==> flow/design.v <==
module mult #(
  parameter WD = 10
) (
  input logic ck,
  input logic adv,
  input logic [WD-1:0] op_a_in,
  input logic [WD-1:0] op_b_in,
  output logic [2*WD-1:0] p_out
);
  localparam HW = WD / 2;
  logic [WD-1:0] ll;
  mul_part #(.N(HW)) inst (.a(op_a_in[HW-1:0]), .b(op_b_in[HW-1:0]), .p(ll));
  logic [WD-1:0] lh;
  mul_part #(.N(HW)) el (.a(op_a_in[HW-1:0]), .b(op_b_in[WD-1:HW]), .p(lh));
  logic [WD-1:0] hl;
  mul_part #(.N(HW)) u (.a(op_a_in[WD-1:HW]), .b(op_b_in[HW-1:0]), .p(hl));
  logic [WD-1:0] hh;
  mul_part #(.N(HW)) i_sub (.a(op_a_in[WD-1:HW]), .b(op_b_in[WD-1:HW]), .p(hh));
  logic [WD:0] t2;
  assign t2 = lh + hl;
  always_ff @(posedge ck) begin
    if (adv) begin
      p_out <= {hh, ll} + {t2, {HW{1'b0}}};
    end
  end
endmodule
module mul_part #(parameter N = 4) (
  input logic [N-1:0] a,
  input logic [N-1:0] b,
  output logic [2*N-1:0] p
);
  assign p = a * b;
endmodule
==> Tool chain data of mult <==
The steps from the RTL of mult to its reports follow in flow order.
Line numbers count from 1 in the design file above.
Operators carry their Yosys type and port widths (W data, S select, Z words).
{ "design": {"design": "mult", "clock": "ck", "lib": "sky130hd", "pvt_corner": "tt_025C_1v80"} }

==> After elaboration <==
Counts by Yosys on the flattened word-level netlist (proc, flatten, opt, wreduce; memories kept). Register bits leave out memories and registers merged into their read ports (data or address); mux counts leave out enables and synchronous resets folded into registers. Print and check cells are left out. Cells with the same type and inputs are merged into one.
{ "bits": {"word_cells": 7, "ff_bits": 20, "input_bits": 22, "out_inout_bits": 20} }
{ "op_classes": {"multipliers": 4, "n_addsub": 2} }
{ "ops": {"columns": ["cell", "n"], "rows": [
  ["$mul A5 B5 Y10", 4],
  ["$add A20 B16 Y20", 1],
  ["$add A10 B10 Y11", 1]
]} }

==> Logic depth <==
Longest topological path by Yosys (ltp), each cell counted once; first at word level (registers and memories cut), then after technology mapping (sequential cells cut; the memories' decode and read muxes count).
{ "logic_depth": {"word_depth": 3, "abc_area": 0, "mapped_depth": 25, "depth_no_buf": 24} }

==> Synthesis result <==
Source: synth_stat.txt of the flow (Yosys; design flattened, memories mapped). It holds for the ABC_AREA given above (unset counts as 0); a run with the other value may have another netlist.
{ "types": {"columns": ["cell", "n", "area_total_um2"], "rows": [
  ["sky130_fd_sc_hd__fa_1", 50, 1000.96],
  ["sky130_fd_sc_hd__ha_1", 79, 988.448],
  ["sky130_fd_sc_hd__edfxtp_1", 20, 600.576],
  ["sky130_fd_sc_hd__and2_1", 61, 381.616],
  ["sky130_fd_sc_hd__inv_1", 81, 304.042],
  ["sky130_fd_sc_hd__nand2_1", 44, 165.158],
  ["sky130_fd_sc_hd__xnor2_1", 16, 140.134],
  ["sky130_fd_sc_hd__a21oi_1", 14, 70.067],
  ["sky130_fd_sc_hd__xor2_1", 8, 70.067],
  ["sky130_fd_sc_hd__clkbuf_1", 11, 41.29],
  ["sky130_fd_sc_hd__o21ai_0", 8, 40.038],
  ["sky130_fd_sc_hd__a21o_1", 5, 37.536],
  ["sky130_fd_sc_hd__nand3b_1", 5, 37.536],
  ["sky130_fd_sc_hd__nor2_1", 10, 37.536],
  ["sky130_fd_sc_hd__o21a_1", 5, 37.536],
  ["sky130_fd_sc_hd__nor2b_1", 5, 31.28],
  ["sky130_fd_sc_hd__nor3_1", 6, 30.029],
  ["sky130_fd_sc_hd__o21ai_1", 6, 30.029]
]} }
Not listed: further types 29, cells in them 38.
{ "synth_totals": {"cells": 472, "ffs": 20, "mapped_area_um2": 4388.0, "seqArea_um2": 600.6, "n_buf": 11} }
The figures by module come from a second, unflattened synthesis with its own total; it is not the netlist above.
{ "unflattened": {"cells_unflattened": 507, "hier_area_um2": 4693.3} }
Rows give one instance, submodules left out.
{ "by_module": {"columns": ["mod", "n_inst", "n_cells", "mod_seq_area_um2", "mod_area_um2"], "rows": [
  ["mul_part #(N=5)", 4, 91, 0.0, 785.8],
  ["mult", 1, 143, 600.6, 1550.2]
]} }

==> Timing after synthesis <==
Source: OpenSTA report_checks on the synthesized netlist (no wires, ideal clock, input and output delay 20% of the period each), path of least setup slack; recovery checks are left aside. Register names are those of the netlist, which keeps one name where synthesis merged equal registers.
{ "synth_path": {"path_kind": "input -> register", "start": "input op_b_in[8]", "end": "register p_out[19]", "launch_ps": 1728, "n_path_buf": 1, "period_ps": 8640, "input_delay_ps": 1728, "required_ps": 8371, "stages": 23, "arrival_time_ps": 6986, "delay_ps": 5527, "setup_ps": 269, "setup_slack_ps": 1385, "synth_period_reached_ps": 7255} }
"delay_ps" = arrival - input delay + setup time.
"stages": output pins that drive a net of the path, with the launching flip-flop's if there is one; two outputs of one cell count as two.
"synth_period_reached_ps" = period - worst setup slack (recovery checks aside). The figure is calculated, with input and output delays left at 20% of the set period.
The rows between start and end are the longest chain of elaborated cells between them; the timing report does not say that the signal goes this way. Where chains are equally long, one stands for them.
A line is the first line of the expression or statement that the cell stems from. Yosys adds cells for indexed reads and writes and turns some case tables into memories.
{ "synth_via": {"cell_sequence": "sky130_fd_sc_hd__clkbuf_1 > sky130_fd_sc_hd__nand2_1 > sky130_fd_sc_hd__fa_1 > sky130_fd_sc_hd__inv_1 > sky130_fd_sc_hd__fa_1 > sky130_fd_sc_hd__inv_1 > sky130_fd_sc_hd__fa_1 > sky130_fd_sc_hd__fa_1 > sky130_fd_sc_hd__inv_1 > sky130_fd_sc_hd__fa_1 > sky130_fd_sc_hd__ha_1 > sky130_fd_sc_hd__a21oi_1 > sky130_fd_sc_hd__o21ai_1 > sky130_fd_sc_hd__o31ai_2 > sky130_fd_sc_hd__nand2_1 > sky130_fd_sc_hd__and4b_1 > sky130_fd_sc_hd__ha_1 > sky130_fd_sc_hd__nand4_1 > sky130_fd_sc_hd__inv_1 > sky130_fd_sc_hd__o211a_1 > sky130_fd_sc_hd__o21ai_1 > sky130_fd_sc_hd__nor3_2 > sky130_fd_sc_hd__xor3_1", "elab_chain_cells": 3, "cone_cells": 4, "lines_between": 3, "cone_classes": "add/sub (2); mul (2)"} }
{ "synth_lines": {"columns": ["item", "line_no", "rtl"], "rows": [
  ["from (decl)", 7, "input logic [WD-1:0] op_b_in,"],
  ["$mul A5 B5 Y10", 32, "assign p = a * b;"],
  ["$add A10 B10 Y11", 20, "assign t2 = lh + hl;"],
  ["$add A20 B16 Y20", 23, "p_out <= {hh, ll} + {t2, {HW{1'b0}}};"],
  ["to (assign)", 23, null],
  ["to (decl)", 8, "output logic [2*WD-1:0] p_out"]
]} }

==> Timing after layout <==
Path of least setup slack in the final report of entry A (OpenROAD, finished layout, wires in). Where an end is a register, its clock arrival counts in the times.
The path's times are printed in steps of 10 ps; the period is the one set.
{ "layout_path": {"path_kind": "input -> register", "start": "input op_b_in[8]", "end": "register p_out[19]", "stages": 23, "arrival_time_ps": 7800, "period_ps": 8640, "required_ps": 8640, "input_delay_ps": 1730, "n_path_buf": 1, "setup_ps": 250, "launch_ps": 1730, "setup_slack_ps": 850} }
The rows between start and end are the longest chain of elaborated cells between them; the timing report does not say that the signal goes this way. Where chains are equally long, one stands for them.
{ "layout_via": {"cell_sequence": "sky130_fd_sc_hd__clkdlybuf4s50_1 > sky130_fd_sc_hd__nand2_1 > sky130_fd_sc_hd__fa_1 > sky130_fd_sc_hd__inv_1 > sky130_fd_sc_hd__fa_1 > sky130_fd_sc_hd__inv_1 > sky130_fd_sc_hd__fa_1 > sky130_fd_sc_hd__fa_1 > sky130_fd_sc_hd__inv_1 > sky130_fd_sc_hd__fa_1 > sky130_fd_sc_hd__ha_1 > sky130_fd_sc_hd__a21oi_1 > sky130_fd_sc_hd__o21ai_1 > sky130_fd_sc_hd__o31ai_2 > sky130_fd_sc_hd__nand2_1 > sky130_fd_sc_hd__and4b_1 > sky130_fd_sc_hd__ha_1 > sky130_fd_sc_hd__nand4_1 > sky130_fd_sc_hd__inv_1 > sky130_fd_sc_hd__o211a_1 > sky130_fd_sc_hd__o21ai_1 > sky130_fd_sc_hd__nor3_2 > sky130_fd_sc_hd__xor3_1", "elab_chain_cells": 3, "cone_cells": 4, "lines_between": 3, "cone_classes": "add/sub (2); mul (2)"} }
{ "layout_lines": {"columns": ["item", "line_no", "rtl"], "rows": [
  ["from (decl)", 7, "input logic [WD-1:0] op_b_in,"],
  ["$mul A5 B5 Y10", 32, "assign p = a * b;"],
  ["$add A10 B10 Y11", 20, "assign t2 = lh + hl;"],
  ["$add A20 B16 Y20", 23, "p_out <= {hh, ll} + {t2, {HW{1'b0}}};"],
  ["to (assign)", 23, null],
  ["to (decl)", 8, "output logic [2*WD-1:0] p_out"]
]} }

## Implementation results

Measured data: module mult, platform sky130hd, 3 stored runs of the flow under differing settings, order arbitrary. Input and output delays are each 20% of the period that was set; the output load is 0.01 pF.
"clock_period_reached_ps" = clock period - worst setup slack. The figure is calculated, with input and output delays left at 20% of the set period.
"timing.worst_path_ps" = time allowed to the worst setup path (clock period - input delay - output delay, where it has them) - its slack; a late launch clock adds to it, a late capture clock takes from it.
"design_power_uw" is the tool's figure for a default switching activity; nothing was simulated.
"timing.worst_path_ps" is given in steps of 10 ps.
[
  {
    "run": "entry A",
    "settings": { "period_ns": 8.64, "CAP_MARGIN": 20, "CORE_MARGIN": 2, "CORE_UTILIZATION": 40, "SLEW_MARGIN": 20 },
    "results": { "design_power_uw": 1460, "ys_area_um2": 4388.0, "layout_utilization_frac": 0.468, "clock_period_reached_ps": 7795, "timing.setup.tns_ps": 0, "final_die_area_um2": 11823.3, "hold_ws_ps": 2330, "final_stdcell_area_um2": 5052.4, "worst_setup_slack_ps": 845, "timing.worst_path_ps": 6070, "timing.worst_path_kind": "input -> register" }
  },
  {
    "run": "entry B",
    "settings": { "period_ns": 7.97, "CORE_UTILIZATION": 30, "SETUP_SLACK_MARGIN": -0.4, "PLACE_DENSITY_LB_ADDON": 0.13, "GPL_TIMING_DRIVEN": 1, "MIN_ROUTING_LAYER": "met2", "CAP_MARGIN": 20, "CORE_MARGIN": 2, "SLEW_MARGIN": 20 },
    "results": { "design_power_uw": 1657, "ys_area_um2": 4388.0, "layout_utilization_frac": 0.361, "clock_period_reached_ps": 7564, "timing.setup.tns_ps": 0, "final_die_area_um2": 15610.0, "hold_ws_ps": 2264, "final_stdcell_area_um2": 5205.0, "worst_setup_slack_ps": 406, "timing.worst_path_ps": 5970, "timing.worst_path_kind": "input -> register" }
  },
  {
    "run": "entry C",
    "settings": { "period_ns": 10.8, "CORE_UTILIZATION": 15, "SETUP_SLACK_MARGIN": 1.97, "PLACE_DENSITY_LB_ADDON": 0.28, "CORE_ASPECT_RATIO": 0.56, "ABC_AREA": 1, "CTS_CLUSTER_SIZE": 30, "CTS_CLUSTER_DIAMETER": 75, "CAP_MARGIN": 20, "CORE_MARGIN": 2, "SLEW_MARGIN": 20 },
    "results": { "design_power_uw": 1287, "ys_area_um2": 4719.5, "layout_utilization_frac": 0.183, "clock_period_reached_ps": 8140, "timing.setup.tns_ps": 0, "final_die_area_um2": 32959.1, "hold_ws_ps": 2901, "final_stdcell_area_um2": 5661.7, "worst_setup_slack_ps": 2660, "timing.worst_path_ps": 5980, "timing.worst_path_kind": "input -> register" }
  }
]
